==> flow/design.v <==
module alu_storage #(
    parameter ENTRIES = 48,
    parameter XLEN = 32,
    parameter ABITS = $clog2(ENTRIES)
) (
    input  wire core_clk,
    input  wire i_rst_n,
    input  wire [ABITS-1:0] address_in,
    input  wire wr_en_in,
    input  wire [XLEN-1:0] wdata_in,
    output reg [XLEN-1:0] read_data_out
);
    reg [ABITS-1:0] r_address;
    always @(posedge core_clk or negedge i_rst_n) begin
        if (!i_rst_n) begin
            r_address <= 0;
        end else begin
            r_address <= address_in;
        end
    end
    reg r_wr_en;
    always @(posedge core_clk or negedge i_rst_n) begin
        if (!i_rst_n) begin
            r_wr_en <= 1'b0;
        end else begin
            r_wr_en <= wr_en_in;
        end
    end
    reg [XLEN-1:0] r_wdata;
    always @(posedge core_clk or negedge i_rst_n) begin
        if (!i_rst_n) begin
            r_wdata <= 0;
        end else begin
            r_wdata <= wdata_in;
        end
    end
    reg [XLEN-1:0] bank [ENTRIES-1:0];
    always @(posedge core_clk)
        if (r_wr_en) bank[r_address] <= r_wdata;
    always @(posedge core_clk or negedge i_rst_n) begin
        if (!i_rst_n) begin
            read_data_out <= 0;
        end else begin
            read_data_out <= r_wr_en ? r_wdata : bank[r_address];
        end
    end
endmodule
Tool chain data of alu_storage
What the tools print for alu_storage, step after step.
Lines are those of the file above, counted from 1.
Not given: -
Inputs
  top: alu_storage
  clock port: core_clk
  cell library: sky130hd
  timing corner: tt_025C_1v80

Word-level counts
Counts by Yosys on the flattened word-level netlist (proc, flatten, opt, wreduce; memories kept). Register bits leave out memories and registers merged into their read ports (data or address); mux counts leave out enables and synchronous resets folded into registers. Print and check cells are left out. Cells with the same type and inputs are merged into one.
Memory sizes are those after Yosys's memory passes, which may raise the word count (mostly to a power of two), join words into wider ones and drop unused or constant bits.
Storage and ports
  flip-flop bits (word level): 39
  bits in writable memories: 1536
  clocked read ports x word width: 32
  memories: 1
  output and inout bits: 32
  word-level cells: 8
Memories
  bank: words 48, bits a word 32, read ports 1, wr ports 1, line 37  | reg [XLEN-1:0] bank [ENTRIES-1:0];
Operators by class
  multiplexer cells: 3
  reductions and logical operators: 1
Operators with widths (count)
  32-bit 2-to-1 mux: 1
  6-bit 2-to-1 mux: 1
  1-bit logical NOT: 1
  1-bit 2-to-1 mux: 1

Longest topological paths
Depth = most cells in a row (Yosys ltp): at word level without a register or memory, in the mapped netlist without a sequential cell, where the memories' decode and read muxes count.
Depth
  word-level depth: 1
  ABC_AREA: 0
  gate-level depth with buffers: 11
  depth with buffers taken out: 6

Netlist
Source: synth_stat.txt of the flow (Yosys; design flattened, memories mapped). It holds for the ABC_AREA given above (unset counts as 0); a run with the other value may have another netlist.
Synthesis totals
  cells in the netlist: 3370
  mapped area: 61192.4 um^2
  flip-flops: 1607
  buffers: 237
Cell types (count)
  sky130_fd_sc_hd__edfxtp_1: 1536
  sky130_fd_sc_hd__mux2i_1: 221
  sky130_fd_sc_hd__a221oi_1: 219
  sky130_fd_sc_hd__dfrtp_1: 71
  sky130_fd_sc_hd__mux2_2: 106
  sky130_fd_sc_hd__mux4_2: 53
  sky130_fd_sc_hd__a22oi_1: 98
  sky130_fd_sc_hd__nor2_1: 182
  sky130_fd_sc_hd__a21oi_1: 117
  sky130_fd_sc_hd__o21ai_0: 84
  sky130_fd_sc_hd__buf_2: 81
  sky130_fd_sc_hd__o22ai_1: 58
  sky130_fd_sc_hd__buf_4: 44
  sky130_fd_sc_hd__clkbuf_1: 85
  sky130_fd_sc_hd__nand2_1: 81
  sky130_fd_sc_hd__a221o_1: 24
  sky130_fd_sc_hd__o221ai_1: 24
  sky130_fd_sc_hd__a22o_1: 18
Other cell types: 49; their cells: 268.

Worst setup path after synthesis
Source: OpenSTA report_checks on the synthesized netlist (no wires, ideal clock, input and output delay 20% of the period each), path of least setup slack; recovery checks are left aside. Register names are those of the netlist, which keeps one name where synthesis merged equal registers.
Timing path post-synthesis
  path kind: register to register
  from: register r_address[2]
  to: memory bank[0][0]
  clock period: 4.26 ns
  launch time at the first pin: 0.000 ns
  data arrival time: 2.989 ns
  required time: 3.839 ns
  path slack: 0.850 ns
  path delay: 3.410 ns
  stages on the path: 8
  period reached after synthesis: 3.41 ns
"path delay" is the arrival time less input delay plus setup time.
"stages on the path" counts driving pins, that of a launching flip-flop among them; a cell with two outputs on the path counts twice.
"period reached after synthesis" = period - worst setup slack (recovery checks aside). The figure is calculated, with input and output delays left at 20% of the set period.
Between the ends stands the longest chain of elaborated cells between them, by number of cells; it is not shown to be the way that was timed. Of several equally long chains one is given.
Each line given opens the expression or statement behind the cell; cells for indexed reads and writes are added by Yosys, which also makes memories of some case tables.
On the way, post-synthesis
  path through: sky130_fd_sc_hd__dfrtp_1 -> sky130_fd_sc_hd__buf_4 -> sky130_fd_sc_hd__inv_2 -> sky130_fd_sc_hd__buf_2 -> sky130_fd_sc_hd__buf_1 -> sky130_fd_sc_hd__clkbuf_1 -> sky130_fd_sc_hd__nand2_1 -> sky130_fd_sc_hd__nor2_1
  length of the longest elaborated chain: 1
  elaborated cells between the ends (all ways): 1
  RTL lines with such cells: 1
  those cells by class: mux (1)
Ends and longest elaborated chain, post-synthesis
  from (decl): line 13  | reg [ABITS-1:0] r_address;
  from (assign): line 16  | r_address <= 0;
  from (assign): line 18  | r_address <= address_in;
  6-bit 2-to-1 mux: line 39  | if (r_wr_en) bank[r_address] <= r_wdata;
  to (decl): line 37  | reg [XLEN-1:0] bank [ENTRIES-1:0];

Worst path after layout
Path of least setup slack in the final report of run A (OpenROAD, finished layout, wires in). Where an end is a register, its clock arrival counts in the times.
Timing path post-layout
  path kind: register to register
  from: register r_address[2]
  to: register read_data_out[26]
  clock period: 4.26 ns
  launch time at the first pin: 0.79 ns
  data arrival time: 4.31 ns
  required time: 4.97 ns
  path slack: 0.66 ns
  stages on the path: 8
On the way, post-layout
  path through: sky130_fd_sc_hd__dfrtp_4 -> sky130_fd_sc_hd__nor2b_4 -> sky130_fd_sc_hd__buf_4 -> sky130_fd_sc_hd__o2bb2ai_1 -> sky130_fd_sc_hd__a21oi_1 -> sky130_fd_sc_hd__o21ai_0 -> sky130_fd_sc_hd__o311ai_0 -> sky130_fd_sc_hd__a32oi_1
Ends and longest elaborated chain, post-layout
  from (decl): line 13  | reg [ABITS-1:0] r_address;
  from (assign): line 16  | r_address <= 0;
  from (assign): line 18  | r_address <= address_in;
  to (decl): line 11  | output reg [XLEN-1:0] read_data_out
Chain of elaborated cells between the ends: none given.

FLOW RESULTS
============

Flow measurements of alu_storage on sky130hd: 3 stored runs with different settings, listed in no order. Input and output delays are each 20% of the period that was set; the output load is 0.01 pF.
"achieved clock period (ns)" = clock period - worst setup slack. The figure is calculated, with input and output delays left at 20% of the set period.
"worst setup path time (ns)" is the time allowed to the run's worst setup path (the clock period less input and output delay, where it has them) less its slack. Clock arrival times count: a late capture clock shortens it, a late launch clock lengthens it.
By "finish__power__total" is meant OpenSTA's value without simulated activity: inputs other than the clock are taken to toggle once in ten clock periods, and the tool carries that through the logic.

Flow files of run A
==> flow/run.sh <==
#!/bin/bash
# the make line also repeats the synthesis and layout settings of config.mk as NAME=value (left out here)
make -C /OpenROAD-flow-scripts/flow DESIGN_CONFIG=/design/flow/config.mk WORK_HOME=/design/flow/orfs CLKGATE_MAP_FILE= finish
==> flow/config.mk <==
export PLATFORM = sky130hd
export DESIGN_NAME = alu_storage
export DESIGN_NICKNAME = alu_storage
export VERILOG_FILES = /design/flow/design.v
export SDC_FILE = /design/flow/constraint.sdc
export NUM_CORES = 4
export LEC_CHECK = 0
export CAP_MARGIN = 20
export CORE_MARGIN = 2
export CORE_UTILIZATION = 40
export SLEW_MARGIN = 20
==> flow/constraint.sdc <==
create_clock -name core_clock -period 4.26 [get_ports {core_clk}]
set_input_delay 0.8520 -clock core_clock [delete_from_list [all_inputs] [get_ports {core_clk}]]
set_output_delay 0.8520 -clock core_clock [all_outputs]
set_load 0.01 [all_outputs]

report of run A
yosys chip area after synthesis (um^2): 61192.4
finish__design__die__area: 156124.0
finish__design__instance__area__stdcell: 71214.6
finish__design__instance__utilization: 0.4688
finish__timing__setup__ws: 0.662
finish__timing__setup__tns: 0.000
finish__timing__hold__ws: 0.159
finish__power__total: 3.376e-02
achieved clock period (ns): 3.598
worst setup path time (ns): 3.60
worst setup path kind: register to register

Flow files of run B
==> flow/run.sh <==
#!/bin/bash
# the make line also repeats the synthesis and layout settings of config.mk as NAME=value (left out here)
make -C /OpenROAD-flow-scripts/flow DESIGN_CONFIG=/design/flow/config.mk WORK_HOME=/design/flow/orfs CLKGATE_MAP_FILE= finish
==> flow/config.mk <==
export PLATFORM = sky130hd
export DESIGN_NAME = alu_storage
export DESIGN_NICKNAME = alu_storage
export VERILOG_FILES = /design/flow/design.v
export SDC_FILE = /design/flow/constraint.sdc
export NUM_CORES = 4
export LEC_CHECK = 0
export CAP_MARGIN = 20
export CELL_PAD_IN_SITES_DETAIL_PLACEMENT = 1
export CORE_MARGIN = 5
export CORE_UTILIZATION = 27
export CTS_CLUSTER_DIAMETER = 207
export PLACE_DENSITY = 0.52
export SETUP_SLACK_MARGIN = -0.23
export SLEW_MARGIN = 25
==> flow/constraint.sdc <==
create_clock -name core_clock -period 3.09 [get_ports {core_clk}]
set_input_delay 0.6180 -clock core_clock [delete_from_list [all_inputs] [get_ports {core_clk}]]
set_output_delay 0.6180 -clock core_clock [all_outputs]
set_load 0.01 [all_outputs]

report of run B
yosys chip area after synthesis (um^2): 61192.4
finish__design__die__area: 236259.0
finish__design__instance__area__stdcell: 74273.7
finish__design__instance__utilization: 0.3299
finish__timing__setup__ws: -0.012
finish__timing__setup__tns: -0.012
finish__timing__hold__ws: 0.251
finish__power__total: 4.718e-02
achieved clock period (ns): 3.102
worst setup path time (ns): 3.10
worst setup path kind: register to register

Flow files of run C
==> flow/run.sh <==
#!/bin/bash
# the make line also repeats the synthesis and layout settings of config.mk as NAME=value (left out here)
make -C /OpenROAD-flow-scripts/flow DESIGN_CONFIG=/design/flow/config.mk WORK_HOME=/design/flow/orfs CLKGATE_MAP_FILE= finish
==> flow/config.mk <==
export PLATFORM = sky130hd
export DESIGN_NAME = alu_storage
export DESIGN_NICKNAME = alu_storage
export VERILOG_FILES = /design/flow/design.v
export SDC_FILE = /design/flow/constraint.sdc
export NUM_CORES = 4
export LEC_CHECK = 0
export CAP_MARGIN = 20
export CORE_MARGIN = 8
export CORE_UTILIZATION = 36
export GPL_ROUTABILITY_DRIVEN = 1
export MAX_ROUTING_LAYER = met5
export SLEW_MARGIN = 15
export TNS_END_PERCENT = 45
==> flow/constraint.sdc <==
create_clock -name core_clock -period 4.32 [get_ports {core_clk}]
set_input_delay 0.8640 -clock core_clock [delete_from_list [all_inputs] [get_ports {core_clk}]]
set_output_delay 0.8640 -clock core_clock [all_outputs]
set_load 0.01 [all_outputs]

report of run C
yosys chip area after synthesis (um^2): 61192.4
finish__design__die__area: 183428.0
finish__design__instance__area__stdcell: 71174.5
finish__design__instance__utilization: 0.4209
finish__timing__setup__ws: 0.704
finish__timing__setup__tns: 0.000
finish__timing__hold__ws: 0.149
finish__power__total: 3.279e-02
achieved clock period (ns): 3.616
worst setup path time (ns): 3.62
worst setup path kind: register to register
